==> flow/design.v <==
module core_as_core #(
   parameter int DW = 128
) (
   input  logic clock,
   input  logic [DW-1:0] dataa,
   input  logic [DW-1:0] datab,
   output logic [DW-1:0] diff
);
   logic [DW-1:0] r_dataa;
   logic [DW-1:0] r_datab;
   always_ff @(posedge clock) begin
      r_dataa <= dataa;
      r_datab <= datab;
      diff <= (r_dataa > r_datab) ? r_dataa - r_datab : r_datab - r_dataa;
   end
endmodule
======== From RTL to reports: core_as_core ========
The steps from the RTL of core_as_core to its reports follow in flow order.
Line numbers count from 1 in the design file above.
Library cell names are shortened.
Not given: n/a
design
  design top .............................. core_as_core
  clock port .............................. clock
  cell library ............................ sky130hd
  library corner .......................... tt_025C_1v80

======== After elaboration ========
Source: Yosys, flattened and elaborated, memories not mapped. Widths are those after wreduce; folded enables and synchronous resets count as part of the registers. Registers that Yosys merges into a memory's read port (data or address) are not register bits. Print and check cells do not count. Equal cells are merged and count once.
cells by class
  $add $sub $neg .......................... 2
  mux-type cells .......................... 1
  order comparisons ....................... 1
operator list
  operator                         number
  subtractor 128 bit               2
  greater-than comparator 128 bit  1
  two-way mux 128 bit              1
storage and ports
  elaborated cells ........................ 7
  input port bits ......................... 257
  register bits ........................... 384
  output and inout bits ................... 128

======== Longest topological paths ========
Depth = most cells in a row (Yosys ltp): at word level without a register or memory, in the mapped netlist without a sequential cell, where the memories' decode and read muxes count.
logic depth
  depth after elaboration ................. 2
  ABC_AREA ................................ 0
  mapped depth ............................ 17
  mapped depth without buffers ............ 14

======== After synthesis ========
Yosys stat after the flow's synthesis: flattened, memories mapped to cells. It holds for the ABC_AREA given above (unset counts as 0); a run with the other value may have another netlist.
Totals and module areas in this step are rounded.
mapped netlist
  buffer cells ............................ 146
  sequential area ......................... 7,690 sq um
  mapped cells ............................ 3,195
  chip area (Yosys) ....................... 25,100 sq um
  flip-flop cells ......................... 384
cells by type
  cell      number  area in all (sq um)
  dfxtp_1   384     7.69E+03
  ha_1      255     3,190.56
  a21oi_1   416     2.08E+03
  o21ai_0   277     1,386.33
  inv_1     308     1.16E+03
  nand2_1   254     953.414
  nor2_1    219     822.038
  a21o_1    104     780.749
  o21bai_1  89      668.141
  xnor2_1   76      665.638
  nand4_1   90      563.04
  buf_2     85      425.408
  xor2_1    44      385.37
  mux2i_1   34      340.326
  o211ai_1  39      292.781
  o21a_1    36      270.259
  nor3_1    46      230.221
  clkbuf_1  47      176.419
Other cell types: 70; their cells: 392.

======== Path before layout ========
Path of least setup slack by OpenSTA after synthesis, without wires, with an ideal clock, recovery checks aside; 20% of the period is set as input and as output delay. Where synthesis merged equal registers, the netlist keeps one of their names.
timing after synthesis
  kind .................................... reg2reg
  start point ............................. register r_datab[0]
  end point ............................... register diff[118]
  delay of the path ....................... 3.280 ns
  period .................................. 4.1 ns
  arrival ................................. 3.194 ns
  buffers on the path ..................... 0
  stages on the path ...................... 15
  time at the first pin ................... 0.000 ns
  library setup time ...................... 0.086 ns
  setup slack ............................. 0.819 ns
  data required time ...................... 4.014 ns
  synthesis period reached ................ 3.281 ns
"delay of the path" = arrival - input delay + setup time.
"stages on the path" counts driving pins, that of a launching flip-flop among them; a cell with two outputs on the path counts twice.
"synthesis period reached" = period - worst setup slack (recovery checks aside). The figure is calculated, with input and output delays left at 20% of the set period.
Between the ends stands the longest chain of elaborated cells between them, by number of cells; it is not shown to be the way that was timed. Of several equally long chains one is given.
Each line given opens the expression or statement behind the cell; cells for indexed reads and writes are added by Yosys, which also makes memories of some case tables.
on the way, after synthesis
  cell sequence ........................... dfxtp_1 > inv_1 > ha_1 > fa_1 > nor2b_1 > o211ai_1 > nand2_1 > a41oi_1 > o211a_1 > o311a_1 > nor2_1 > a41oi_1 > o31a_1 > a311o_1 > a221oi_2
  cells in the longest elaborated chain ... 2
  elaborated cells on any way between the ends .. 4
  source lines of those cells ............. 1
  classes of those cells .................. add/sub (2); compare (1); mux (1)
RTL lines, path after synthesis
  element              line  source
  start: declaration   10    logic [DW-1:0] r_datab;
  start: assignment    13    r_datab <= datab;
  subtractor 128 bit   14    diff <= (r_dataa > r_datab) ? r_dataa - r_datab : r_datab - r_dataa;
  two-way mux 128 bit  14
  end: assignment      14
  end: declaration     7     output logic [DW-1:0] diff

======== Path in the finished layout ========
From the final timing report of run 1: the path of least setup slack in the routed layout; clock arrival at registers is part of the times.
timing post-layout
  kind .................................... reg2reg
  start point ............................. register r_dataa[79]
  end point ............................... register diff[127]
  setup slack ............................. -0.02 ns
  stages on the path ...................... 15
  buffers on the path ..................... 1
  library setup time ...................... 0.07 ns
  arrival ................................. 4.62 ns
  period .................................. 4.1 ns
  time at the first pin ................... 0.58 ns
  data required time ...................... 4.61 ns
Between the ends stands the longest chain of elaborated cells between them, by number of cells; it is not shown to be the way that was timed. Of several equally long chains one is given.
on the way, post-layout
  cell sequence ........................... dfxtp_1 > inv_1 > ha_2 > nand4_1 > nor4_4 > nand4_1 > or3_1 > and2_1 > a32oi_1 > o21ai_2 > o211ai_2 > buf_4 > a21boi_1 > o31ai_2 > xor2_1
  cells in the longest elaborated chain ... 2
  elaborated cells on any way between the ends .. 4
  source lines of those cells ............. 1
  classes of those cells .................. add/sub (2); compare (1); mux (1)
RTL lines, path post-layout
  element              line  source
  start: declaration   9     logic [DW-1:0] r_dataa;
  start: assignment    12    r_dataa <= dataa;
  subtractor 128 bit   14    diff <= (r_dataa > r_datab) ? r_dataa - r_datab : r_datab - r_dataa;
  two-way mux 128 bit  14
  end: assignment      14
  end: declaration     7     output logic [DW-1:0] diff

FLOW RESULTS
============

core_as_core through Yosys and OpenROAD on sky130hd: 2 stored runs, unordered, with their settings and measured results. The constraints put input and output delay at 20% of the set period each and load the outputs with 0.01 pF.
"achieved clock period": clock period set for the run, less the worst setup slack. It is reckoned from that one timing run; input and output delays stay at 20% of the period that was set.
"time of the worst setup path" = time allowed to the worst setup path (clock period - input delay - output delay, where it has them) - its slack; a late launch clock adds to it, a late capture clock takes from it.
"total power of the final layout" rests on the timing tool's default activity at the inputs, not on a simulated workload.
Measured values are rounded.

======== run 1 ========
==> flow/run.sh <==
#!/bin/bash
# the make line also repeats the synthesis and layout settings of config.mk as NAME=value (left out here)
make -C /OpenROAD-flow-scripts/flow DESIGN_CONFIG=/design/flow/config.mk WORK_HOME=/design/flow/orfs CLKGATE_MAP_FILE= finish
==> flow/config.mk <==
export PLATFORM = sky130hd
export DESIGN_NAME = core_as_core
export DESIGN_NICKNAME = core_as_core
export VERILOG_FILES = /design/flow/design.v
export SDC_FILE = /design/flow/constraint.sdc
export NUM_CORES = 4
export LEC_CHECK = 0
export CAP_MARGIN = 20
export CORE_MARGIN = 2
export CORE_UTILIZATION = 40
export SLEW_MARGIN = 20
==> flow/constraint.sdc <==
create_clock -name core_clock -period 4.1 [get_ports {clock}]
set_input_delay 0.8200 -clock core_clock [delete_from_list [all_inputs] [get_ports {clock}]]
set_output_delay 0.8200 -clock core_clock [all_outputs]
set_load 0.01 [all_outputs]

-------- measured, run 1 --------
  standard-cell area of the final layout .. 32,800 sq um
  full die area ........................... 64,800 sq um
  total power of the final layout ......... 13.7 mW
  worst setup slack after layout .......... -0.017 ns
  worst hold slack in the final report .... 0.625 ns
  chip area in the Yosys report ........... 25,100 sq um
  utilization in the final report ......... 53.1 %
  sum of negative setup slack ............. -0.017 ns
  time of the worst setup path ............ 4.12 ns
  kind of the worst setup path ............ reg2reg
  achieved clock period ................... 4.117 ns

======== run 2 ========
==> flow/run.sh <==
#!/bin/bash
# the make line also repeats the synthesis and layout settings of config.mk as NAME=value (left out here)
make -C /OpenROAD-flow-scripts/flow DESIGN_CONFIG=/design/flow/config.mk WORK_HOME=/design/flow/orfs CLKGATE_MAP_FILE= finish
==> flow/config.mk <==
export PLATFORM = sky130hd
export DESIGN_NAME = core_as_core
export DESIGN_NICKNAME = core_as_core
export VERILOG_FILES = /design/flow/design.v
export SDC_FILE = /design/flow/constraint.sdc
export NUM_CORES = 4
export LEC_CHECK = 0
export CAP_MARGIN = 20
export CELL_PAD_IN_SITES_GLOBAL_PLACEMENT = 1
export CORE_ASPECT_RATIO = 1.05
export CORE_MARGIN = 2
export CORE_UTILIZATION = 66
export GPL_ROUTABILITY_DRIVEN = 0
export GPL_TIMING_DRIVEN = 0
export MIN_ROUTING_LAYER = met1
export PLACE_DENSITY = 0.69
export SLEW_MARGIN = 20
==> flow/constraint.sdc <==
create_clock -name core_clock -period 6.08 [get_ports {clock}]
set_input_delay 1.2160 -clock core_clock [delete_from_list [all_inputs] [get_ports {clock}]]
set_output_delay 1.2160 -clock core_clock [all_outputs]
set_load 0.01 [all_outputs]

-------- run 2 --------
  no results, placement failed with GPL-0301
